==> flow/design.v <==
module cpu_data_mux_top #(
    parameter int WD = 10
) (
    input  logic sys_clk,
    input  logic enable,
    input  logic [WD-1:0] src0,
    input  logic [WD-1:0] src1,
    input  logic [WD-1:0] src2,
    input  logic [1:0] choose,
    output logic [WD-1:0] out
);
    logic [WD-1:0] src0_ff;
    logic [WD-1:0] src1_ff;
    logic [WD-1:0] src2_ff;
    logic [1:0] choose_ff;
    always_ff @(posedge sys_clk) begin
        if (enable) begin
            src0_ff <= src0;
            src1_ff <= src1;
            src2_ff <= src2;
            choose_ff <= choose;
        end
    end
    logic [WD-1:0] val;
    assign val =
        (choose_ff == 2'd0) ? src0_ff :
        (choose_ff == 2'd1) ? src1_ff :
        src2_ff;
    assign out = val;
endmodule
== Reports on cpu_data_mux_top ==
The steps from the RTL of cpu_data_mux_top to its reports follow in flow order.
Line numbers count from 1 in the design file above.
Operators: Yosys type, input widths -> output width; for muxes data width and select width s.
Library cell names are shortened.
A cell with -- has no value.
Design
  top: cpu_data_mux_top
  clock: sys_clk
  cell library: sky130hd
  library corner: tt_025C_1v80

== After elaboration ==
Source: Yosys, flattened and elaborated, memories not mapped. Widths are those after wreduce; folded enables and synchronous resets count as part of the registers. Registers that Yosys merges into a memory's read port (data or address) are not register bits. Print and check cells do not count. Equal cells are merged and count once.
Bit counts
  clocked read ports x word width: 0
  RAM bits: 0
  memories kept: 0
  bits in registers: 32
  input bits: 34
  latch bits: 0
  bits in read-only memories: 0
  cells after elaboration: 8
Cells by class
  shift-type cells: 0
  reductions and logical operators: 1
  add/sub/neg operators: 0
  bitwise operators: 0
  multipliers: 0
  order comparisons: 0
  div/mod/pow operators: 0
  multiplexer cells: 2
  eq/ne operators: 1
Operators with widths (number)
  $mux 10: 2
  $eq 2x1->1 const B: 1
  $logic_not 2->1: 1

== Logic depth ==
Yosys ltp: most cells in a row. Word level: on the elaborated netlist, between registers, memories and ports. Mapped: between sequential cells and ports; inverters and the memories' decode and read muxes count.
Depth
  depth after elaboration: 3
  ABC_AREA: 0
  mapped depth: 3
  depth with buffers taken out: 2

== After synthesis ==
Yosys stat after the flow's synthesis: flattened, memories mapped to cells. It holds for the ABC_AREA given above (unset counts as 0); a run with the other value may have another netlist.
The area totals of this step are shown rounded.
Cells by type
  edfxtp_1: number 32, total area 960.922 µm²
  mux2i_1: number 10, total area 100.096 µm²
  o21ai_1: number 9, total area 45.043 µm²
  nand2_1: number 10, total area 37.536 µm²
  buf_6: number 1, total area 11.261 µm²
  buf_2: number 2, total area 10.01 µm²
  o21ai_2: number 1, total area 8.758 µm²
Mapped netlist
  chip area (Yosys): 0.001174 mm²
  sequential part of the area: 0.0009609 mm²
  standard cells after synthesis: 65
  mapped flip-flops: 32

== Worst setup path after synthesis ==
OpenSTA on the mapped netlist: ideal clock, no wires. The path of least setup slack (recovery checks aside). Input and output delay are each 20% of the period. Register names are those of the netlist, which keeps one name where synthesis merged equal registers.
Timing after synthesis
  path type: reg2out
  from: register (name not given)
  to: output out[0]
  time at the first pin: 0.000 ns
  data arrival time: 0.828 ns
  buffers on the path: 1
  slack: 0.204 ns
  period: 1.29 ns
  output delay: 0.258 ns
  stages: 4
  delay of the path: 0.828 ns
  period reached after synthesis: 1.086 ns
"delay of the path" is the arrival time less input delay plus setup time.
A path that ends at an output port has no setup time.
"stages" counts driving pins, that of a launching flip-flop among them; a cell with two outputs on the path counts twice.
"period reached after synthesis" = period - worst setup slack (recovery checks aside). The figure is calculated, with input and output delays left at 20% of the set period.
Between the ends stands the longest chain of elaborated cells between them, by number of cells; it is not shown to be the way that was timed. Of several equally long chains one is given.
A line is the first line of the expression or statement that the cell stems from. Yosys adds cells for indexed reads and writes and turns some case tables into memories.
Between the ends, after synthesis
  cell sequence: edfxtp_1 -> buf_6 -> mux2i_1 -> o21ai_1
  length of the longest elaborated chain: 3
  elaborated cells between the ends (all ways): 4
  RTL lines with such cells: 2
  those cells by class: 1 x eq/ne; 2 x mux; 1 x reduce/logical
Ends and longest elaborated chain, after synthesis
  start, declared: RTL line 15
  start, assigned: RTL line 21
  $eq 2x1->1: RTL line 27
  $mux 10: RTL line 27
  $mux 10: RTL line 26
  end, declared: RTL line 10  | output logic [WD-1:0] out

== Path in the finished layout ==
From the final timing report of run A: the path of least setup slack in the routed layout; clock arrival at registers is part of the times.
Timing post-layout
  path type: reg2out
  from: register (name not given)
  to: output out[3]
  time at the first pin: 0.32 ns
  slack: -0.81 ns
  output delay: 0.13 ns
  buffers on the path: 2
  period: 0.661 ns
  stages: 5
  data arrival time: 1.34 ns
Between the ends stands the longest chain of elaborated cells between them, by number of cells; it is not shown to be the way that was timed. Of several equally long chains one is given.
Between the ends, post-layout
  cell sequence: edfxtp_1 -> buf_6 -> mux2i_1 -> o21ai_1 -> buf_2
  length of the longest elaborated chain: 3
  elaborated cells between the ends (all ways): 4
  RTL lines with such cells: 2
  those cells by class: 1 x eq/ne; 2 x mux; 1 x reduce/logical
Ends and longest elaborated chain, post-layout
  start, declared: RTL line 15
  start, assigned: RTL line 21
  $eq 2x1->1: RTL line 27
  $mux 10: RTL line 27
  $mux 10: RTL line 26
  end, declared: RTL line 10  | output logic [WD-1:0] out

Data sheet: physical implementation of cpu_data_mux_top

Measured data: module cpu_data_mux_top, platform sky130hd, 3 stored runs of the flow under differing settings, order arbitrary. Input and output delays are each 20% of the period that was set; the output load is 0.01 pF.
"achieved clock period" = clock period - worst setup slack. The figure is calculated, with input and output delays left at 20% of the set period.
"worst setup path time" = time allowed to the worst setup path (clock period - input delay - output delay, where it has them) - its slack; a late launch clock adds to it, a late capture clock takes from it.
"power" rests on the timing tool's default activity at the inputs, not on a simulated workload.
Results are given in rounded form.
[run A] settings: period_ns=0.661, CORE_UTILIZATION=40, SETUP_SLACK_MARGIN=0.17, PLACE_DENSITY_LB_ADDON=0.15, CORE_MARGIN=5, CELL_PAD_IN_SITES_DETAIL_PLACEMENT=1, GPL_TIMING_DRIVEN=1, CTS_CLUSTER_DIAMETER=141, CAP_MARGIN=20, SLEW_MARGIN=20
[run A] result: chip area after synthesis (Yosys) 0.001174 mm², die area 0.004117 mm², standard-cell area of the final layout 0.001744 mm², utilization 62.7 %, worst setup slack after layout -0.814 ns, total negative slack -7.857 ns, worst hold slack 0.174 ns, power 4120 uW, achieved clock period 1.475 ns, worst setup path time 1.34 ns, worst setup path kind reg2out
[run B] settings: period_ns=1.29, CAP_MARGIN=20, CORE_MARGIN=2, CORE_UTILIZATION=40, SLEW_MARGIN=20
[run B] result: chip area after synthesis (Yosys) 0.001174 mm², die area 0.003383 mm², standard-cell area of the final layout 0.001685 mm², utilization 60.6 %, worst setup slack after layout -0.271 ns, total negative slack -2.321 ns, worst hold slack 0.496 ns, power 2052 uW, achieved clock period 1.561 ns, worst setup path time 1.30 ns, worst setup path kind reg2out
[run C] settings: period_ns=1.18, CORE_UTILIZATION=38, SETUP_SLACK_MARGIN=0.17, PLACE_DENSITY=0.52, GPL_TIMING_DRIVEN=0, CTS_CLUSTER_DIAMETER=394, CAP_MARGIN=20, CORE_MARGIN=2, SLEW_MARGIN=20
[run C] result: chip area after synthesis (Yosys) 0.001174 mm², die area 0.003549 mm², standard-cell area of the final layout 0.001664 mm², utilization 55.4 %, worst setup slack after layout -0.436 ns, total negative slack -4.162 ns, worst hold slack 0.460 ns, power 2236 uW, achieved clock period 1.616 ns, worst setup path time 1.38 ns, worst setup path kind reg2out
